==> flow/design.v <==
module gen_reg_file_mod #(
    parameter NWORDS = 48,
    parameter DATA_W = 10,
    parameter RPORTS = 1,
    parameter ADDR_WIDTH = $clog2(NWORDS)
) (
    input wire clock,
    input wire rst_n,
    input wire we,
    input wire [ADDR_WIDTH-1:0] wr_addr,
    input wire [DATA_W-1:0] wr_data,
    input wire [RPORTS*ADDR_WIDTH-1:0] rd_addr,
    output reg [RPORTS*DATA_W-1:0] q
);
    reg [DATA_W-1:0] bank [0:NWORDS-1];
    always @(posedge clock) begin
        if (we)
            bank[wr_addr] <= wr_data;
    end
    wire [RPORTS*DATA_W-1:0] tmp;
    genvar gj;
    generate
        for (gj = 0; gj < RPORTS; gj = gj + 1) begin : gen
            assign tmp[gj*DATA_W +: DATA_W] = bank[rd_addr[gj*ADDR_WIDTH +: ADDR_WIDTH]];
        end
    endgenerate
    always @(posedge clock or negedge rst_n) begin
        if (!rst_n) begin
            q <= 0;
        end else begin
            q <= tmp;
        end
    end
endmodule
* Step by step through the tools: gen_reg_file_mod
The steps from the RTL of gen_reg_file_mod to its reports follow in flow order.
Lines are those of the file above, counted from 1.
Operators carry their Yosys type and port widths (W data, S select, Z words).
Library cell names are shortened.
A cell with -- has no value.
- Design top :: gen_reg_file_mod
- Clock port :: clock
- Cell library :: sky130hd
- Library corner :: tt_025C_1v80

* Elaborated design
Yosys after proc, flatten, opt, wreduce and memory -nomap, before mapping. Enables and synchronous resets that opt folds into registers are not counted as muxes. Memory bits, and registers merged into a memory's read port (data or address), are not among the register bits. Print and check cells are not counted. Equal cells are merged and count once.
Memory sizes are those after Yosys's memory passes, which may raise the word count (mostly to a power of two), join words into wider ones and drop unused or constant bits.
- Bits of input ports :: 25
- Output and inout bits :: 10
- Word-level cells :: 5
- RAM bits :: 480
- Clocked read ports x word width :: 10
- Bits in registers :: 0
- Memory cells :: 1
- Reduce/logical cells :: 1
- Multiplexer cells :: 3
** Memories
- bank :: words 48, bits a word 10, rd ports 1, write ports 1, RTL line 15 : reg [DATA_W-1:0] bank [0:NWORDS-1];
** Operators by type and width (count)
- $mux W10 :: 1
- $mux W6 :: 1
- $logic_not A1 Y1 :: 1
- $mux W1 :: 1

* Logic depth
Yosys ltp: most cells in a row. Word level: on the elaborated netlist, between registers, memories and ports. Mapped: between sequential cells and ports; inverters and the memories' decode and read muxes count.
- Depth in word-level cells :: 1
- ABC_AREA :: 0
- Depth in mapped cells :: 8

* Synthesis result
The flow's flattened synthesis, as Yosys stat reports it; memories are mapped. The netlist is that of the ABC_AREA named above (0 if unset); the other value can give another one.
Totals and module areas in this step are rounded.
- Standard cells after synthesis :: 964
- Area of sequential cells :: 14700 um^2
- Mapped area :: 19100 um^2
- Mapped flip-flops :: 490
** Cell types
- edfxtp_1 :: count 480, area in all 1.44E+04 um^2
- mux2i_1 :: count 160, area in all 1.6E+03 um^2
- mux4_2 :: count 50, area in all 1126.08 um^2
- a22oi_1 :: count 40, area in all 300.288 um^2
- dfrtp_1 :: count 10, area in all 250.24 um^2
- nor2_1 :: count 49, area in all 183.926 um^2
- a221oi_1 :: count 20, area in all 175.168 um^2
- a22o_1 :: count 20, area in all 175.168 um^2
- o41ai_2 :: count 10, area in all 162.656 um^2
- buf_6 :: count 11, area in all 123.869 um^2
- a21oi_1 :: count 20, area in all 100.096 um^2
- clkbuf_1 :: count 23, area in all 86.333 um^2
- nand2_1 :: count 17, area in all 63.811 um^2
- o22ai_1 :: count 10, area in all 62.56 um^2
- buf_2 :: count 8, area in all 40.038 um^2
- nand2b_1 :: count 5, area in all 31.28 um^2
- nor2b_1 :: count 5, area in all 31.28 um^2
- buf_1 :: count 8, area in all 30.029 um^2
Other cell types: 11; their cells: 18.

* Timing after synthesis
Source: OpenSTA report_checks on the synthesized netlist (no wires, ideal clock, input and output delay 20% of the period each), path of least setup slack; recovery checks are left aside. Register names are those of the netlist, which keeps one name where synthesis merged equal registers.
- Path type :: input to register
- Start point :: input wr_addr[3]
- End point :: memory bank[32][0]
- Input delay :: 502 ps
- Clock period :: 2510 ps
- Required time :: 2120 ps
- Delay of the path :: 1607 ps
- Stages on the path :: 3
- Setup slack :: 402 ps
- Library setup time :: 390 ps
- Data arrival time :: 1719 ps
- Time at the first pin :: 502 ps
- Buffers on the path :: 0
- Synthesis period reached :: 2108 ps
"delay of the path" is the arrival time less input delay plus setup time.
"stages on the path" counts driving pins, that of a launching flip-flop among them; a cell with two outputs on the path counts twice.
"synthesis period reached" is the clock period less the worst setup slack; recovery checks do not enter. This is arithmetic on one report: input and output delays are still those of the set period (20% each).
The rows between start and end are the longest chain of elaborated cells between them; the timing report does not say that the signal goes this way. Where chains are equally long, one stands for them.
Each line given opens the expression or statement behind the cell; cells for indexed reads and writes are added by Yosys, which also makes memories of some case tables.
- Cells stage by stage :: nor4bb_1 -> nand2b_1 -> nor3_1
- Cells in the longest elaborated chain :: 1
- Elaborated cells on any way between the ends :: 1
- RTL lines with such cells :: 1
- Classes of those cells :: mux: 1
** Ends and longest elaborated chain, post-synthesis
- start: declaration :: RTL line 10 : input wire [ADDR_WIDTH-1:0] wr_addr,
- $mux W6 :: RTL line 17 : if (we)
- end: declaration :: RTL line 15 : reg [DATA_W-1:0] bank [0:NWORDS-1];

* Path in the finished layout
Path of least setup slack in the final report of flow run 1 (OpenROAD, finished layout, wires in). Where an end is a register, its clock arrival counts in the times.
The report prints the path's times to 10 ps; the period is as set.
- Path type :: register to output
- Start point :: register q[5]
- End point :: output q[5]
- Required time :: 2010 ps
- Time at the first pin :: 570 ps
- Buffers on the path :: 1
- Clock period :: 2510 ps
- Data arrival time :: 1580 ps
- Setup slack :: 420 ps
- Stages on the path :: 2
- Output delay :: 500 ps
- Cells stage by stage :: dfrtp_1 -> clkdlybuf4s50_1
- Cells in the longest elaborated chain :: 0
- Elaborated cells on any way between the ends :: 0
- RTL lines with such cells :: 0
** Ends and longest elaborated chain, after layout
- start: declaration :: RTL line 13 : output reg [RPORTS*DATA_W-1:0] q
- end: declaration :: RTL line 13

Below are 3 stored runs of the flow (Yosys, OpenROAD; platform sky130hd) on gen_reg_file_mod, each with its settings and what was measured, unordered. Constraints: input delay and output delay 20% of the set period each, output load 0.01 pF.
By "reached clock period" is meant the clock period of the run minus its worst setup slack. This is arithmetic on one report: input and output delays are still those of the set period (20% each).
The results are shown rounded.

** Flow run 1
- Settings :: period_ns=2.51; CAP_MARGIN=20; CORE_MARGIN=2; CORE_UTILIZATION=40; SLEW_MARGIN=20
- Area of the synthesized netlist :: 19,100 um^2
- Setup slack of the worst path :: 424 ps
- Reached clock period :: 2,086 ps
- Overall die area :: 49,500 um^2
- Standard-cell area after layout :: 22,500 um^2

** Flow run 2
- Settings :: period_ns=1.67; CORE_UTILIZATION=68; SETUP_SLACK_MARGIN=0.48; PLACE_DENSITY=0.44; ABC_AREA=0; GPL_ROUTABILITY_DRIVEN=1; CTS_CLUSTER_DIAMETER=69; CAP_MARGIN=5; MIN_ROUTING_LAYER=met1; MAX_ROUTING_LAYER=met4; CORE_MARGIN=2; SLEW_MARGIN=20
- Setup slack of the worst path :: -120 ps
- Reached clock period :: 1,790 ps
- Area of the synthesized netlist :: 19,100 um^2
- Standard-cell area after layout :: 23,500 um^2
- Overall die area :: 29,400 um^2

** Flow run 3
- Settings :: period_ns=3.59; CORE_UTILIZATION=39; SETUP_SLACK_MARGIN=0.34; PLACE_DENSITY_LB_ADDON=0.04; CELL_PAD_IN_SITES_DETAIL_PLACEMENT=1; CTS_CLUSTER_SIZE=85; SLEW_MARGIN=30; MIN_ROUTING_LAYER=met1; MAX_ROUTING_LAYER=met5; CAP_MARGIN=20; CORE_MARGIN=2
- Overall die area :: 50,700 um^2
- Area of the synthesized netlist :: 19,100 um^2
- Reached clock period :: 2,711 ps
- Standard-cell area after layout :: 22,200 um^2
- Setup slack of the worst path :: 879 ps
